==> flow/design.v <==
module sync_adder #(
    parameter BITS = 64
) (
    input wire aclk,
    input wire i_rst,
    input wire valid,
    input wire [BITS-1:0] u_i,
    input wire [BITS-1:0] v_i,
    input wire [BITS-1:0] w_i,
    output reg [BITS+1:0] q_o
);
    reg [BITS-1:0] r_u;
    reg [BITS-1:0] r_v;
    reg [BITS-1:0] r_w;
    reg [BITS:0] r_tmp;
    reg [BITS-1:0] r_w_d;
    always @(posedge aclk or posedge i_rst) begin
        if (i_rst) begin
            r_u <= 0;
            r_v <= 0;
            r_w <= 0;
            r_tmp <= 0;
            r_w_d <= 0;
            q_o <= 0;
        end else if (valid) begin
            r_u <= u_i;
            r_v <= v_i;
            r_w <= w_i;
            r_tmp <= r_u + r_v;
            r_w_d <= r_w;
            q_o <= r_tmp + r_w_d;
        end
    end
endmodule
Reports on sync_adder
The steps from the RTL of sync_adder to its reports follow in flow order.
Lines are those of the file above, counted from 1.
Operators carry their Yosys type and port widths (W data, S select, Z words).
Cell names lack the library's common part.
Not given: --
Design
  design top: sync_adder
  clock port: aclk
  standard-cell library: sky130hd
  library corner: tt_025C_1v80

Elaborated design
Yosys after proc, flatten, opt, wreduce and memory -nomap, before mapping. Enables and synchronous resets that opt folds into registers are not counted as muxes. Memory bits, and registers merged into a memory's read port (data or address), are not among the register bits. Print and check cells are not counted. Equal cells are merged and count once.
Storage and ports
  flip-flop bits (word level): 387
  bits of input ports: 195
  output and inout bits: 66
  elaborated cells: 8
Cells by class
  $add $sub $neg: 2
Operators by type and width (number)
  $add A65 B64 Y66: 1
  $add A64 B64 Y65: 1

Depth
Longest topological path by Yosys (ltp), each cell counted once; first at word level (registers and memories cut), then after technology mapping (sequential cells cut; the memories' decode and read muxes count).
Depth
  depth in word-level cells: 1
  ABC_AREA: 0
  depth in mapped cells: 13
  depth with buffers taken out: 13

After synthesis
Yosys stat after the flow's synthesis: flattened, memories mapped to cells. It holds for the ABC_AREA given above (unset counts as 0); a run with the other value may have another netlist.
Cell types
  dfrtp_1: number 387, total area 9.68E+03 µm²
  mux2_2: number 358, total area 4.03E+03 µm²
  ha_1: number 128, total area 1.6E+03 µm²
  a21oi_1: number 161, total area 805.773 µm²
  xnor2_1: number 69, total area 604.33 µm²
  nand2_1: number 131, total area 491.722 µm²
  o21ai_0: number 84, total area 420.403 µm²
  a21o_1: number 50, total area 375.36 µm²
  xor2_1: number 42, total area 367.853 µm²
  nor2_1: number 84, total area 315.302 µm²
  clkbuf_1: number 80, total area 300.288 µm²
  nand4_1: number 35, total area 218.96 µm²
  o21bai_1: number 23, total area 172.666 µm²
  o21a_1: number 22, total area 165.158 µm²
  inv_1: number 40, total area 150.144 µm²
  a211oi_1: number 18, total area 135.13 µm²
  nand3_1: number 25, total area 125.12 µm²
  o211ai_1: number 15, total area 112.608 µm²
Not listed: further types 61, cells in them 213.
Synthesis totals
  cells in the netlist: 1965
  mapped area: 21739.6 µm²
  sequential part of the area: 9684.3 µm²
  flip-flops: 387
  buffer cells: 93

Path before layout
Source: OpenSTA report_checks on the synthesized netlist (no wires, ideal clock, input and output delay 20% of the period each), path of least setup slack; recovery checks are left aside. Register names are those of the netlist, which keeps one name where synthesis merged equal registers.
Path post-synthesis
  path kind: flip-flop to flip-flop
  start point: reg r_tmp[0]
  end point: reg q_o[38]
  period: 4.02 ns
  library setup time: 0.125 ns
  time at the first pin: 0.000 ns
  arrival time: 3.094 ns
  data required time: 3.895 ns
  setup slack: 0.801 ns
  delay of the path: 3.219 ns
  stages on the path: 14
  buffers on the path: 0
  synthesis period reached: 3.219 ns
"delay of the path" is the arrival time less input delay plus setup time.
"stages on the path" counts driving pins, that of a launching flip-flop among them; a cell with two outputs on the path counts twice.
"synthesis period reached" = period - worst setup slack (recovery checks aside). The figure is calculated, with input and output delays left at 20% of the set period.
Between the ends stands the longest chain of elaborated cells between them, by number of cells; it is not shown to be the way that was timed. Of several equally long chains one is given.
A line is the first line of the expression or statement that the cell stems from. Yosys adds cells for indexed reads and writes and turns some case tables into memories.
Between the ends, post-synthesis
  cells stage by stage: dfrtp_1 -> ha_1 -> inv_1 -> fa_1 -> nand2b_1 -> a211oi_1 -> nor2_1 -> o21ai_1 -> a31oi_1 -> o41a_1 -> o21ai_1 -> a41o_1 -> xor2_1 -> mux2_2
  cells in the longest elaborated chain: 1
  elaborated cells between the ends (all ways): 1
  RTL lines with such cells: 1
  those cells by class: 1 x add/sub
Ends and longest elaborated chain, post-synthesis
  from (decl): RTL line 15  | reg [BITS:0] r_tmp;
  from (assign): RTL line 22  | r_tmp <= 0;
  from (assign): RTL line 29  | r_tmp <= r_u + r_v;
  $add A65 B64 Y66: RTL line 31  | q_o <= r_tmp + r_w_d;
  to (assign): RTL line 24  | q_o <= 0;
  to (assign): RTL line 31
  to (decl): RTL line 10  | output reg [BITS+1:0] q_o

Worst path after layout
Path of least setup slack in the final report of record 1 (OpenROAD, finished layout, wires in). Where an end is a register, its clock arrival counts in the times.
Path post-layout
  path kind: flip-flop to flip-flop
  start point: reg r_tmp[1]
  end point: reg q_o[61]
  period: 4.72 ns
  library setup time: 0.11 ns
  time at the first pin: 0.60 ns
  arrival time: 4.36 ns
  data required time: 5.21 ns
  setup slack: 0.85 ns
  stages on the path: 12
  buffers on the path: 0
Between the ends stands the longest chain of elaborated cells between them, by number of cells; it is not shown to be the way that was timed. Of several equally long chains one is given.
Between the ends, post-layout
  cells stage by stage: dfrtp_1 -> ha_1 -> a211oi_1 -> nor4_1 -> o21ai_0 -> nand3_1 -> a31oi_1 -> nor3_1 -> nor3_1 -> o2111ai_1 -> xor2_1 -> mux2_2
  cells in the longest elaborated chain: 1
  elaborated cells between the ends (all ways): 1
  RTL lines with such cells: 1
  those cells by class: 1 x add/sub
Ends and longest elaborated chain, post-layout
  from (decl): RTL line 15  | reg [BITS:0] r_tmp;
  from (assign): RTL line 22  | r_tmp <= 0;
  from (assign): RTL line 29  | r_tmp <= r_u + r_v;
  $add A65 B64 Y66: RTL line 31  | q_o <= r_tmp + r_w_d;
  to (assign): RTL line 24  | q_o <= 0;
  to (assign): RTL line 31
  to (decl): RTL line 10  | output reg [BITS+1:0] q_o

--- measured runs ---
Below are 3 stored runs of the flow (Yosys, OpenROAD; platform sky130hd) on sync_adder, each with its settings and what was measured, unordered. Constraints: input delay and output delay 20% of the set period each, output load 0.01 pF.
By "achieved clock period (ns)" is meant the clock period of the run minus its worst setup slack. This is arithmetic on one report: input and output delays are still those of the set period (20% each).
By "worst setup path time (ns)" is meant the share of the clock period that the worst setup path is allowed (20% is reserved at inputs, 20% at outputs), minus its slack. Clock arrival times at its registers enter into it.
"finish__power__total": no workload was simulated; the value follows from the tool's default switching activity.

Flow files of record 1
==> flow/run.sh <==
#!/bin/bash
# the make line also repeats the synthesis and layout settings of config.mk as NAME=value (left out here)
make -C /OpenROAD-flow-scripts/flow DESIGN_CONFIG=/design/flow/config.mk WORK_HOME=/design/flow/orfs CLKGATE_MAP_FILE= finish
==> flow/config.mk <==
export PLATFORM = sky130hd
export DESIGN_NAME = sync_adder
export DESIGN_NICKNAME = sync_adder
export VERILOG_FILES = /design/flow/design.v
export SDC_FILE = /design/flow/constraint.sdc
export NUM_CORES = 4
export LEC_CHECK = 0
export CAP_MARGIN = 40
export CORE_ASPECT_RATIO = 0.63
export CORE_MARGIN = 2
export CORE_UTILIZATION = 27
export MIN_ROUTING_LAYER = met2
export PLACE_DENSITY_LB_ADDON = 0.2
export SETUP_SLACK_MARGIN = 0.69
export SLEW_MARGIN = 20
==> flow/constraint.sdc <==
create_clock -name core_clock -period 4.72 [get_ports {aclk}]
set_input_delay 0.9440 -clock core_clock [delete_from_list [all_inputs] [get_ports {aclk}]]
set_output_delay 0.9440 -clock core_clock [all_outputs]
set_load 0.01 [all_outputs]

report of record 1
yosys chip area after synthesis (um^2): 21739.6
finish__design__die__area: 82864.8
finish__design__instance__area__stdcell: 26995.9
finish__timing__setup__ws: 0.849
finish__timing__setup__tns: 0.000
finish__timing__hold__ws: 0.491
finish__power__total: 1.543e-02
achieved clock period (ns): 3.871
worst setup path time (ns): 3.87
worst setup path kind: flip-flop to flip-flop

Flow files of record 2
==> flow/run.sh <==
#!/bin/bash
# the make line also repeats the synthesis and layout settings of config.mk as NAME=value (left out here)
make -C /OpenROAD-flow-scripts/flow DESIGN_CONFIG=/design/flow/config.mk WORK_HOME=/design/flow/orfs CLKGATE_MAP_FILE= finish
==> flow/config.mk <==
export PLATFORM = sky130hd
export DESIGN_NAME = sync_adder
export DESIGN_NICKNAME = sync_adder
export VERILOG_FILES = /design/flow/design.v
export SDC_FILE = /design/flow/constraint.sdc
export NUM_CORES = 4
export LEC_CHECK = 0
export CAP_MARGIN = 20
export CORE_MARGIN = 2
export CORE_UTILIZATION = 40
export SLEW_MARGIN = 20
==> flow/constraint.sdc <==
create_clock -name core_clock -period 4.02 [get_ports {aclk}]
set_input_delay 0.8040 -clock core_clock [delete_from_list [all_inputs] [get_ports {aclk}]]
set_output_delay 0.8040 -clock core_clock [all_outputs]
set_load 0.01 [all_outputs]

report of record 2
yosys chip area after synthesis (um^2): 21739.6
finish__design__die__area: 56230.6
finish__design__instance__area__stdcell: 26578.0
finish__timing__setup__ws: 0.302
finish__timing__setup__tns: 0.000
finish__timing__hold__ws: 0.497
finish__power__total: 1.720e-02
achieved clock period (ns): 3.718
worst setup path time (ns): 3.72
worst setup path kind: flip-flop to flip-flop

Flow files of record 3
==> flow/run.sh <==
#!/bin/bash
# the make line also repeats the synthesis and layout settings of config.mk as NAME=value (left out here)
make -C /OpenROAD-flow-scripts/flow DESIGN_CONFIG=/design/flow/config.mk WORK_HOME=/design/flow/orfs CLKGATE_MAP_FILE= finish
==> flow/config.mk <==
export PLATFORM = sky130hd
export DESIGN_NAME = sync_adder
export DESIGN_NICKNAME = sync_adder
export VERILOG_FILES = /design/flow/design.v
export SDC_FILE = /design/flow/constraint.sdc
export NUM_CORES = 4
export LEC_CHECK = 0
export ABC_AREA = 0
export CAP_MARGIN = 40
export CORE_MARGIN = 2
export CORE_UTILIZATION = 24
export GPL_TIMING_DRIVEN = 0
export MAX_ROUTING_LAYER = met4
export MIN_ROUTING_LAYER = met1
export PLACE_DENSITY = 0.83
export SETUP_SLACK_MARGIN = 0.42
export SLEW_MARGIN = 35
==> flow/constraint.sdc <==
create_clock -name core_clock -period 3.37 [get_ports {aclk}]
set_input_delay 0.6740 -clock core_clock [delete_from_list [all_inputs] [get_ports {aclk}]]
set_output_delay 0.6740 -clock core_clock [all_outputs]
set_load 0.01 [all_outputs]

report of record 3
yosys chip area after synthesis (um^2): 21739.6
finish__design__die__area: 93003.7
finish__design__instance__area__stdcell: 29961.2
finish__timing__setup__ws: 0.134
finish__timing__setup__tns: 0.000
finish__timing__hold__ws: 0.467
finish__power__total: 2.332e-02
achieved clock period (ns): 3.236
worst setup path time (ns): 3.24
worst setup path kind: flip-flop to flip-flop
--- end ---
